==> flow/design.v <==
module u_adder_p #(
  parameter DW = 10
) (
  input  core_clk,
  input  clr,
  input  [DW-1:0] in_da,
  input  [DW-1:0] in_db,
  input  in_cin,
  output [DW-1:0] out_s,
  output out_co
);
  wire [DW-1:0] nxt;
  wire [DW:0] carry;
  assign carry[0] = in_cin;
  genvar g;
  generate
    for (g = 0; g < DW; g = g + 1) begin : slice
      assign nxt[g] = in_da[g] ^ in_db[g] ^ carry[g];
      assign carry[g+1] = (in_da[g] & in_db[g]) | (carry[g] & (in_da[g] ^ in_db[g]));
    end
  endgenerate
  reg [DW-1:0] s_reg;
  always @(posedge core_clk or posedge clr) begin
    if (clr) begin
      s_reg <= 0;
    end else begin
      s_reg <= nxt;
    end
  end
  assign out_s = s_reg;
  reg co_reg;
  always @(posedge core_clk or posedge clr) begin
    if (clr) begin
      co_reg <= 1'b0;
    end else begin
      co_reg <= carry[DW];
    end
  end
  assign out_co = co_reg;
endmodule
==> Tool chain data of u_adder_p <==
The steps from the RTL of u_adder_p to its reports follow in flow order.
Line numbers count from 1 in the design file above.
{ "design": {"top": "u_adder_p", "clk_port": "core_clk", "lib": "sky130hd", "corner": "tt_025C_1v80"} }

==> Elaborated design <==
Counts by Yosys on the flattened word-level netlist (proc, flatten, opt, wreduce; memories kept). Register bits leave out memories and registers merged into their read ports (data or address); mux counts leave out enables and synchronous resets folded into registers. Print and check cells are left out. Cells with the same type and inputs are merged into one.
{ "op_classes": {"logic": 50} }
{ "ops": {"columns": ["op", "count"], "rows": [
  ["bitwise AND 1 bit", 20],
  ["XOR 1 bit", 20],
  ["OR 1 bit", 10]
]} }
{ "bits": {"ff_bits": 11, "inputBits": 23, "output_inout_bits": 11, "elab_cells": 52} }

==> Depth <==
Depth = most cells in a row (Yosys ltp): at word level without a register or memory, in the mapped netlist without a sequential cell, where the memories' decode and read muxes count.
{ "depth": {"word_depth": 21, "abc_area": 0, "mapped_depth": 14, "mapped_depth_nobuf": 14} }

==> After synthesis <==
Yosys stat after the flow's synthesis: flattened, memories mapped to cells. It holds for the ABC_AREA given above (unset counts as 0); a run with the other value may have another netlist.
The area totals of this step are shown rounded.
{ "by_type": {"columns": ["type", "count", "type_area_um2"], "rows": [
  ["sky130_fd_sc_hd__dfrtp_1", 11, 275.264],
  ["sky130_fd_sc_hd__fa_1", 10, 200.192],
  ["sky130_fd_sc_hd__inv_1", 11, 41.29]
]} }
{ "mapped": {"stdcells": 32, "mapped_area_um2": 516.7, "sequential_area_um2": 275.3, "ffs": 11, "buf_cells": 0} }

==> Timing after synthesis <==
Path of least setup slack by OpenSTA after synthesis, without wires, with an ideal clock, recovery checks aside; 20% of the period is set as input and as output delay. Where synthesis merged equal registers, the netlist keeps one of their names.
{ "synth_timing": {"path_type": "input-to-reg", "from": "input in_da[0]", "to": "register s_reg[9]", "period_ps": 6010, "input_delay_ps": 1202, "setup_ps": 64, "launch_ps": 1202, "arrival_ps": 4986, "required_time_ps": 5946, "slack_ps": 960, "path_delay_ps": 3848, "stages": 14, "path_buffers": 0, "synth_period_reached_ps": 5050} }
"path_delay_ps" = arrival - input delay + setup time.
"stages": output pins that drive a net of the path, with the launching flip-flop's if there is one; two outputs of one cell count as two.
"synth_period_reached_ps" = period - worst setup slack (recovery checks aside). The figure is calculated, with input and output delays left at 20% of the set period.
The rows between start and end are the longest chain of elaborated cells between them; the timing report does not say that the signal goes this way. Where chains are equally long, one stands for them.
Each line given opens the expression or statement behind the cell; cells for indexed reads and writes are added by Yosys, which also makes memories of some case tables.
{ "synth_between": {"path_cell_list": "sky130_fd_sc_hd__fa_1 sky130_fd_sc_hd__fa_1 sky130_fd_sc_hd__fa_1 sky130_fd_sc_hd__fa_1 sky130_fd_sc_hd__fa_1 sky130_fd_sc_hd__fa_1 sky130_fd_sc_hd__fa_1 sky130_fd_sc_hd__inv_1 sky130_fd_sc_hd__fa_1 sky130_fd_sc_hd__inv_1 sky130_fd_sc_hd__fa_1 sky130_fd_sc_hd__inv_1 sky130_fd_sc_hd__fa_1 sky130_fd_sc_hd__inv_1", "elab_chain_len": 20, "cone_cells": 21, "classes_between": "logic: 21"} }
{ "synth_rtl": {"columns": ["item", "line", "text"], "rows": [
  ["start: declaration", 6, "input  [DW-1:0] in_da,"],
  ["XOR 1 bit", 19, "assign carry[g+1] = (in_da[g] & in_db[g]) | (carry[g] & (in_da[g] ^ in_db[g]));"],
  ["bitwise AND 1 bit", 19, null],
  ["OR 1 bit", 19, null],
  ["bitwise AND 1 bit", 19, null],
  ["OR 1 bit", 19, null],
  ["bitwise AND 1 bit", 19, null],
  ["OR 1 bit", 19, null],
  ["[... 6 more ...]", null, null],
  ["bitwise AND 1 bit", 19, null],
  ["OR 1 bit", 19, null],
  ["bitwise AND 1 bit", 19, null],
  ["OR 1 bit", 19, null],
  ["bitwise AND 1 bit", 19, null],
  ["OR 1 bit", 19, null],
  ["XOR 1 bit", 18, "assign nxt[g] = in_da[g] ^ in_db[g] ^ carry[g];"],
  ["end: assignment", 25, "s_reg <= 0;"],
  ["end: assignment", 27, "s_reg <= nxt;"],
  ["end: declaration", 22, "reg [DW-1:0] s_reg;"]
]} }

==> Path in the finished layout <==
Path of least setup slack in the final report of run A (OpenROAD, finished layout, wires in). Where an end is a register, its clock arrival counts in the times.
The path's times are printed in steps of 10 ps; the period is the one set.
{ "layout_timing": {"path_type": "input-to-reg", "from": "input in_da[0]", "to": "register s_reg[9]", "period_ps": 6010, "input_delay_ps": 1200, "setup_ps": 50, "launch_ps": 1200, "arrival_ps": 5540, "required_time_ps": 6220, "slack_ps": 680, "stages": 15, "path_buffers": 1} }
The rows between start and end are the longest chain of elaborated cells between them; the timing report does not say that the signal goes this way. Where chains are equally long, one stands for them.
{ "layout_between": {"path_cell_list": "sky130_fd_sc_hd__clkdlybuf4s50_1 sky130_fd_sc_hd__fa_1 sky130_fd_sc_hd__fa_1 sky130_fd_sc_hd__fa_1 sky130_fd_sc_hd__fa_1 sky130_fd_sc_hd__fa_1 sky130_fd_sc_hd__fa_1 sky130_fd_sc_hd__fa_1 sky130_fd_sc_hd__inv_1 sky130_fd_sc_hd__fa_1 sky130_fd_sc_hd__inv_1 sky130_fd_sc_hd__fa_1 sky130_fd_sc_hd__inv_1 sky130_fd_sc_hd__fa_1 sky130_fd_sc_hd__inv_1", "elab_chain_len": 20, "cone_cells": 21, "classes_between": "logic: 21"} }
{ "layout_rtl": {"columns": ["item", "line", "text"], "rows": [
  ["start: declaration", 6, "input  [DW-1:0] in_da,"],
  ["XOR 1 bit", 19, "assign carry[g+1] = (in_da[g] & in_db[g]) | (carry[g] & (in_da[g] ^ in_db[g]));"],
  ["bitwise AND 1 bit", 19, null],
  ["OR 1 bit", 19, null],
  ["bitwise AND 1 bit", 19, null],
  ["OR 1 bit", 19, null],
  ["bitwise AND 1 bit", 19, null],
  ["OR 1 bit", 19, null],
  ["[... 6 more ...]", null, null],
  ["bitwise AND 1 bit", 19, null],
  ["OR 1 bit", 19, null],
  ["bitwise AND 1 bit", 19, null],
  ["OR 1 bit", 19, null],
  ["bitwise AND 1 bit", 19, null],
  ["OR 1 bit", 19, null],
  ["XOR 1 bit", 18, "assign nxt[g] = in_da[g] ^ in_db[g] ^ carry[g];"],
  ["end: assignment", 25, "s_reg <= 0;"],
  ["end: assignment", 27, "s_reg <= nxt;"],
  ["end: declaration", 22, "reg [DW-1:0] s_reg;"]
]} }

Settings and measured results of 3 stored flow runs for module u_adder_p (sky130hd), not sorted in any way. The constraints put input and output delay at 20% of the set period each and load the outputs with 0.01 pF.
"timing.achieved_period_ps" = clock period - worst setup slack. The figure is calculated, with input and output delays left at 20% of the set period.
"worstPathTime_ps" means the part of the period allowed to the worst setup path (the constraints hold back 20% at inputs and 20% at outputs) less its slack; where the path has registers, the arrival times of their clocks count too.
"final_power_mw" rests on the timing tool's default activity at the inputs, not on a simulated workload.
"worstPathTime_ps" is known to 10 ps.
The measured numbers are rounded.
[
  {
    "run": "run A",
    "settings": { "period_ns": 6.01, "CAP_MARGIN": 20, "CORE_MARGIN": 2, "CORE_UTILIZATION": 40, "SLEW_MARGIN": 20 },
    "results": { "tns_setup_ps": 0, "dieArea_um2": 1595, "finish.stdcell_area_um2": 890.9, "worstPathTime_ps": 4130, "path_kind": "input-to-reg", "timing.setup.ws_ps": 681, "util_frac": 0.771, "ys_area_um2": 516.7, "timing.achieved_period_ps": 5329, "final_power_mw": 0.2088 }
  },
  {
    "run": "run B",
    "settings": { "period_ns": 4.61, "CORE_UTILIZATION": 46, "PLACE_DENSITY": 0.42, "CORE_MARGIN": 9, "CELL_PAD_IN_SITES_DETAIL_PLACEMENT": 1, "TNS_END_PERCENT": 35, "CTS_CLUSTER_SIZE": 57, "CAP_MARGIN": 20, "MAX_ROUTING_LAYER": "met5", "SLEW_MARGIN": 20 },
    "outcome": "incomplete, placement halted on a tool error"
  },
  {
    "run": "run C",
    "settings": { "period_ns": 6.71, "CORE_UTILIZATION": 28, "TNS_END_PERCENT": 50, "ABC_AREA": 0, "GPL_ROUTABILITY_DRIVEN": 1, "CAP_MARGIN": 10, "SLEW_MARGIN": 10, "MIN_ROUTING_LAYER": "met2", "CORE_MARGIN": 2 },
    "results": { "tns_setup_ps": 0, "dieArea_um2": 2205, "finish.stdcell_area_um2": 904.6, "worstPathTime_ps": 4150, "path_kind": "input-to-reg", "timing.setup.ws_ps": 1215, "util_frac": 0.524, "ys_area_um2": 516.7, "timing.achieved_period_ps": 5495, "final_power_mw": 0.1854 }
  }
]
